==> flow/design.v <==
module rf #(
   parameter DEPTH = 64,
   parameter DW = 16,
   parameter AWIDTH = $clog2(DEPTH)
) (
   input  wire sys_clk,
   input  wire load_i,
   input  wire [AWIDTH-1:0] waddr_i,
   input  wire [DW-1:0] write_data_i,
   input  wire [AWIDTH-1:0] ra_a_i,
   input  wire [AWIDTH-1:0] ra_b_i,
   output wire [DW-1:0] rdata_a_o,
   output wire [DW-1:0] rdata_b_o
);
   reg [DW-1:0] bank [0:DEPTH-1];
   always @(posedge sys_clk) begin
      if (load_i)
         bank[waddr_i] <= write_data_i;
   end
   assign rdata_a_o = bank[ra_a_i];
   assign rdata_b_o = bank[ra_b_i];
endmodule
# [Tool chain data of rf]
# The steps from the RTL of rf to its reports follow in flow order.
# Line numbers count from 1 in the design file above.
# Cell names lack the library's common part.
# A cell with n/a has no value.
[design] design="rf" clock_port="sys_clk" library="sky130hd" lib_corner="tt_025C_1v80"

# [Word-level counts]
# Counts by Yosys on the flattened word-level netlist (proc, flatten, opt, wreduce; memories kept). Register bits leave out memories and registers merged into their read ports (data or address); mux counts leave out enables and synchronous resets folded into registers. Print and check cells are left out. Cells with the same type and inputs are merged into one.
# Memory sizes are those after Yosys's memory passes, which may raise the word count (mostly to a power of two), join words into wider ones and drop unused or constant bits.
[classes] addsub=0 equal=0 n_logic=0 reduce_logical=0 n_mul=0 shift=0 n_mux=3 cmp=0 div_mod_pow=0
[ops] operator="2-to-1 mux 16 bit" count=1
[ops] operator="2-to-1 mux 6 bit" count=1
[ops] operator="2-to-1 mux 1 bit" count=1
[word_totals] romBits=0 wordCells=4 latch_bits=0 memories=1 clocked_rd_ports_x_width=0 output_inout_bits=32 ramBits=1024 regBits=0
[memory_table] name="bank" size=64 word_bits=16 rd=2 wr=1 line_no=15 rtl="reg [DW-1:0] bank [0:DEPTH-1];"

# [Depth]
# Yosys ltp: most cells in a row. Word level: on the elaborated netlist, between registers, memories and ports. Mapped: between sequential cells and ports; inverters and the memories' decode and read muxes count.
[depth] word_depth=1 ABC_AREA=0 depth_mapped=9 mapped_depth_nobuf=5

# [Synthesis result]
# Source: synth_stat.txt of the flow (Yosys; design flattened, memories mapped). It holds for the ABC_AREA given above (unset counts as 0); a run with the other value may have another netlist.
# Totals and module areas in this step are rounded.
[by_type] cell="edfxtp_1" count=1024 type_area_um2=3.07E+04
[by_type] cell="mux4_2" count=407 type_area_um2=9.17E+03
[by_type] cell="mux2_2" count=152 type_area_um2=1.71E+03
[by_type] cell="mux2i_1" count=152 type_area_um2=1.52E+03
[by_type] cell="a211oi_1" count=96 type_area_um2=720.691
[by_type] cell="o22ai_1" count=72 type_area_um2=450.432
[by_type] cell="buf_4" count=52 type_area_um2=390.374
[by_type] cell="nor2_1" count=93 type_area_um2=349.085
[by_type] cell="buf_2" count=69 type_area_um2=345.331
[by_type] cell="nand2_1" count=80 type_area_um2=300.288
[by_type] cell="mux4_1" count=9 type_area_um2=236.477
[by_type] cell="buf_6" count=19 type_area_um2=213.955
[by_type] cell="a311oi_1" count=24 type_area_um2=210.202
[by_type] cell="a221oi_1" count=23 type_area_um2=201.443
[by_type] cell="a22oi_1" count=24 type_area_um2=180.173
[by_type] cell="clkbuf_1" count=47 type_area_um2=176.419
[by_type] cell="a21oi_1" count=32 type_area_um2=160.154
[by_type] cell="a31oi_1" count=24 type_area_um2=150.144
# Other cell types: 24; their cells: 151.
[mapped] n_buf=213 stdcells=2550 sequential_area_um2=30750 area_um2=48200 flip_flops=1024

# [Timing after synthesis]
# Source: OpenSTA report_checks on the synthesized netlist (no wires, ideal clock, input and output delay 20% of the period each), path of least setup slack; recovery checks are left aside. Register names are those of the netlist, which keeps one name where synthesis merged equal registers.
[synth_timing] kind="input to output" startpoint="input ra_a_i[0]" endpoint="output rdata_a_o[0]" clock_period_ns=3.18 delay_ns=1.525 out_delay_ns=0.636 t_arrival_ns=2.161 t_first_pin_ns=0.636 n_path_buf=2 required_time_ns=2.544 driving_pins=6 in_delay_ns=0.636 slack_ns=0.383 synth_period_reached_ns=2.797
# "delay_ns" is the arrival time less input delay plus setup time.
# A path that ends at an output port has no setup time.
# "driving_pins": output pins that drive a net of the path, with the launching flip-flop's if there is one; two outputs of one cell count as two.
# "synth_period_reached_ns" = period - worst setup slack (recovery checks aside). The figure is calculated, with input and output delays left at 20% of the set period.
# The rows between start and end are the longest chain of elaborated cells between them; the timing report does not say that the signal goes this way. Where chains are equally long, one stands for them.
# A line is the first line of the expression or statement that the cell stems from. Yosys adds cells for indexed reads and writes and turns some case tables into memories.
# A memory read counts as a cell of the chain, while the word-level depth stops at memories.
[synth_via] path_cell_list="buf_6 buf_2 mux4_2 mux2_2 a211oi_1 nor4_1" elab_chain_cells=1 cone_cells=1 cone_lines=1
[synth_rtl] item="start, declared" line_no=10 rtl="input  wire [AWIDTH-1:0] ra_a_i,"
[synth_rtl] item="memory (64 x 16 bit)" line_no=15 rtl="reg [DW-1:0] bank [0:DEPTH-1];"
[synth_rtl] item="end, declared" line_no=12 rtl="output wire [DW-1:0] rdata_a_o,"

# [Path in the finished layout]
# Path of least setup slack in the final report of run A (OpenROAD, finished layout, wires in). Where an end is a register, its clock arrival counts in the times.
[layout_timing] kind="input to output" startpoint="input ra_a_i[2]" endpoint="output rdata_a_o[11]" n_path_buf=6 in_delay_ns=0.64 driving_pins=10 out_delay_ns=0.64 clock_period_ns=3.18 t_arrival_ns=2.78 t_first_pin_ns=0.64 slack_ns=-0.23 required_time_ns=2.54
# The rows between start and end are the longest chain of elaborated cells between them; the timing report does not say that the signal goes this way. Where chains are equally long, one stands for them.
# A memory read counts as a cell of the chain, while the word-level depth stops at memories.
[layout_via] path_cell_list="buf_16 buf_16 buf_12 buf_12 mux4_2 mux2i_1 buf_4 a221oi_2 and3_4 buf_6" elab_chain_cells=1 cone_cells=1 cone_lines=1
[layout_rtl] item="start, declared" line_no=10 rtl="input  wire [AWIDTH-1:0] ra_a_i,"
[layout_rtl] item="memory (64 x 16 bit)" line_no=15 rtl="reg [DW-1:0] bank [0:DEPTH-1];"
[layout_rtl] item="end, declared" line_no=12 rtl="output wire [DW-1:0] rdata_a_o,"

Measured results for rf: 3 stored runs of the Yosys and OpenROAD flow on sky130hd. The settings differ; the order carries no meaning. The constraints put input and output delay at 20% of the set period each and load the outputs with 0.01 pF.
"achieved_period_ns" means the clock period less the worst setup slack. The figure is calculated, with input and output delays left at 20% of the set period.
By "critical_path_time_ns" is meant the share of the clock period that the worst setup path is allowed (20% is reserved at inputs, 20% at outputs), minus its slack. Clock arrival times at its registers enter into it.
Measured values are rounded.

[flow] run A: files
==> flow/run.sh <==
#!/bin/bash
# the make line also repeats the synthesis and layout settings of config.mk as NAME=value (left out here)
make -C /OpenROAD-flow-scripts/flow DESIGN_CONFIG=/design/flow/config.mk WORK_HOME=/design/flow/orfs CLKGATE_MAP_FILE= finish
==> flow/config.mk <==
export PLATFORM = sky130hd
export DESIGN_NAME = rf
export DESIGN_NICKNAME = rf
export VERILOG_FILES = /design/flow/design.v
export SDC_FILE = /design/flow/constraint.sdc
export NUM_CORES = 4
export LEC_CHECK = 0
export CAP_MARGIN = 20
export CORE_MARGIN = 2
export CORE_UTILIZATION = 40
export SLEW_MARGIN = 20
==> flow/constraint.sdc <==
create_clock -name core_clock -period 3.18 [get_ports {sys_clk}]
set_input_delay 0.6360 -clock core_clock [delete_from_list [all_inputs] [get_ports {sys_clk}]]
set_output_delay 0.6360 -clock core_clock [all_outputs]
set_load 0.01 [all_outputs]

[flow] run A: metrics
[metrics] total_die_area_um2 = 123300
[metrics] critical_path_time_ns = 2.14
[metrics] timing.worst_path_kind = input to output
[metrics] util_pct = 53.2
[metrics] yosys_chip_area_um2 = 48200
[metrics] setupTns_ns = -4.089
[metrics] achieved_period_ns = 3.414
[metrics] ws_setup_ns = -0.234

[flow] run B: files
==> flow/run.sh <==
#!/bin/bash
# the make line also repeats the synthesis and layout settings of config.mk as NAME=value (left out here)
make -C /OpenROAD-flow-scripts/flow DESIGN_CONFIG=/design/flow/config.mk WORK_HOME=/design/flow/orfs CLKGATE_MAP_FILE= finish
==> flow/config.mk <==
export PLATFORM = sky130hd
export DESIGN_NAME = rf
export DESIGN_NICKNAME = rf
export VERILOG_FILES = /design/flow/design.v
export SDC_FILE = /design/flow/constraint.sdc
export NUM_CORES = 4
export LEC_CHECK = 0
export ABC_AREA = 1
export CAP_MARGIN = 20
export CELL_PAD_IN_SITES_GLOBAL_PLACEMENT = 2
export CORE_ASPECT_RATIO = 1.7
export CORE_MARGIN = 2
export CORE_UTILIZATION = 68
export SETUP_SLACK_MARGIN = 0.19
export SLEW_MARGIN = 20
==> flow/constraint.sdc <==
create_clock -name core_clock -period 2.23 [get_ports {sys_clk}]
set_input_delay 0.4460 -clock core_clock [delete_from_list [all_inputs] [get_ports {sys_clk}]]
set_output_delay 0.4460 -clock core_clock [all_outputs]
set_load 0.01 [all_outputs]

[flow] run B: stopped before the end: placement reported GPL-0301

[flow] run C: files
==> flow/run.sh <==
#!/bin/bash
# the make line also repeats the synthesis and layout settings of config.mk as NAME=value (left out here)
make -C /OpenROAD-flow-scripts/flow DESIGN_CONFIG=/design/flow/config.mk WORK_HOME=/design/flow/orfs CLKGATE_MAP_FILE= finish
==> flow/config.mk <==
export PLATFORM = sky130hd
export DESIGN_NAME = rf
export DESIGN_NICKNAME = rf
export VERILOG_FILES = /design/flow/design.v
export SDC_FILE = /design/flow/constraint.sdc
export NUM_CORES = 4
export LEC_CHECK = 0
export CAP_MARGIN = 20
export CELL_PAD_IN_SITES_GLOBAL_PLACEMENT = 1
export CORE_ASPECT_RATIO = 0.99
export CORE_MARGIN = 4
export CORE_UTILIZATION = 70
export CTS_CLUSTER_DIAMETER = 318
export PLACE_DENSITY_LB_ADDON = 0.17
export SLEW_MARGIN = 20
export TNS_END_PERCENT = 30
==> flow/constraint.sdc <==
create_clock -name core_clock -period 1.94 [get_ports {sys_clk}]
set_input_delay 0.3880 -clock core_clock [delete_from_list [all_inputs] [get_ports {sys_clk}]]
set_output_delay 0.3880 -clock core_clock [all_outputs]
set_load 0.01 [all_outputs]

[flow] run C: metrics
[metrics] setupTns_ns = -33.57
[metrics] achieved_period_ns = 3.074
[metrics] ws_setup_ns = -1.134
[metrics] total_die_area_um2 = 73110
[metrics] util_pct = 87.5
[metrics] critical_path_time_ns = 2.69
[metrics] timing.worst_path_kind = register to output
[metrics] yosys_chip_area_um2 = 48200
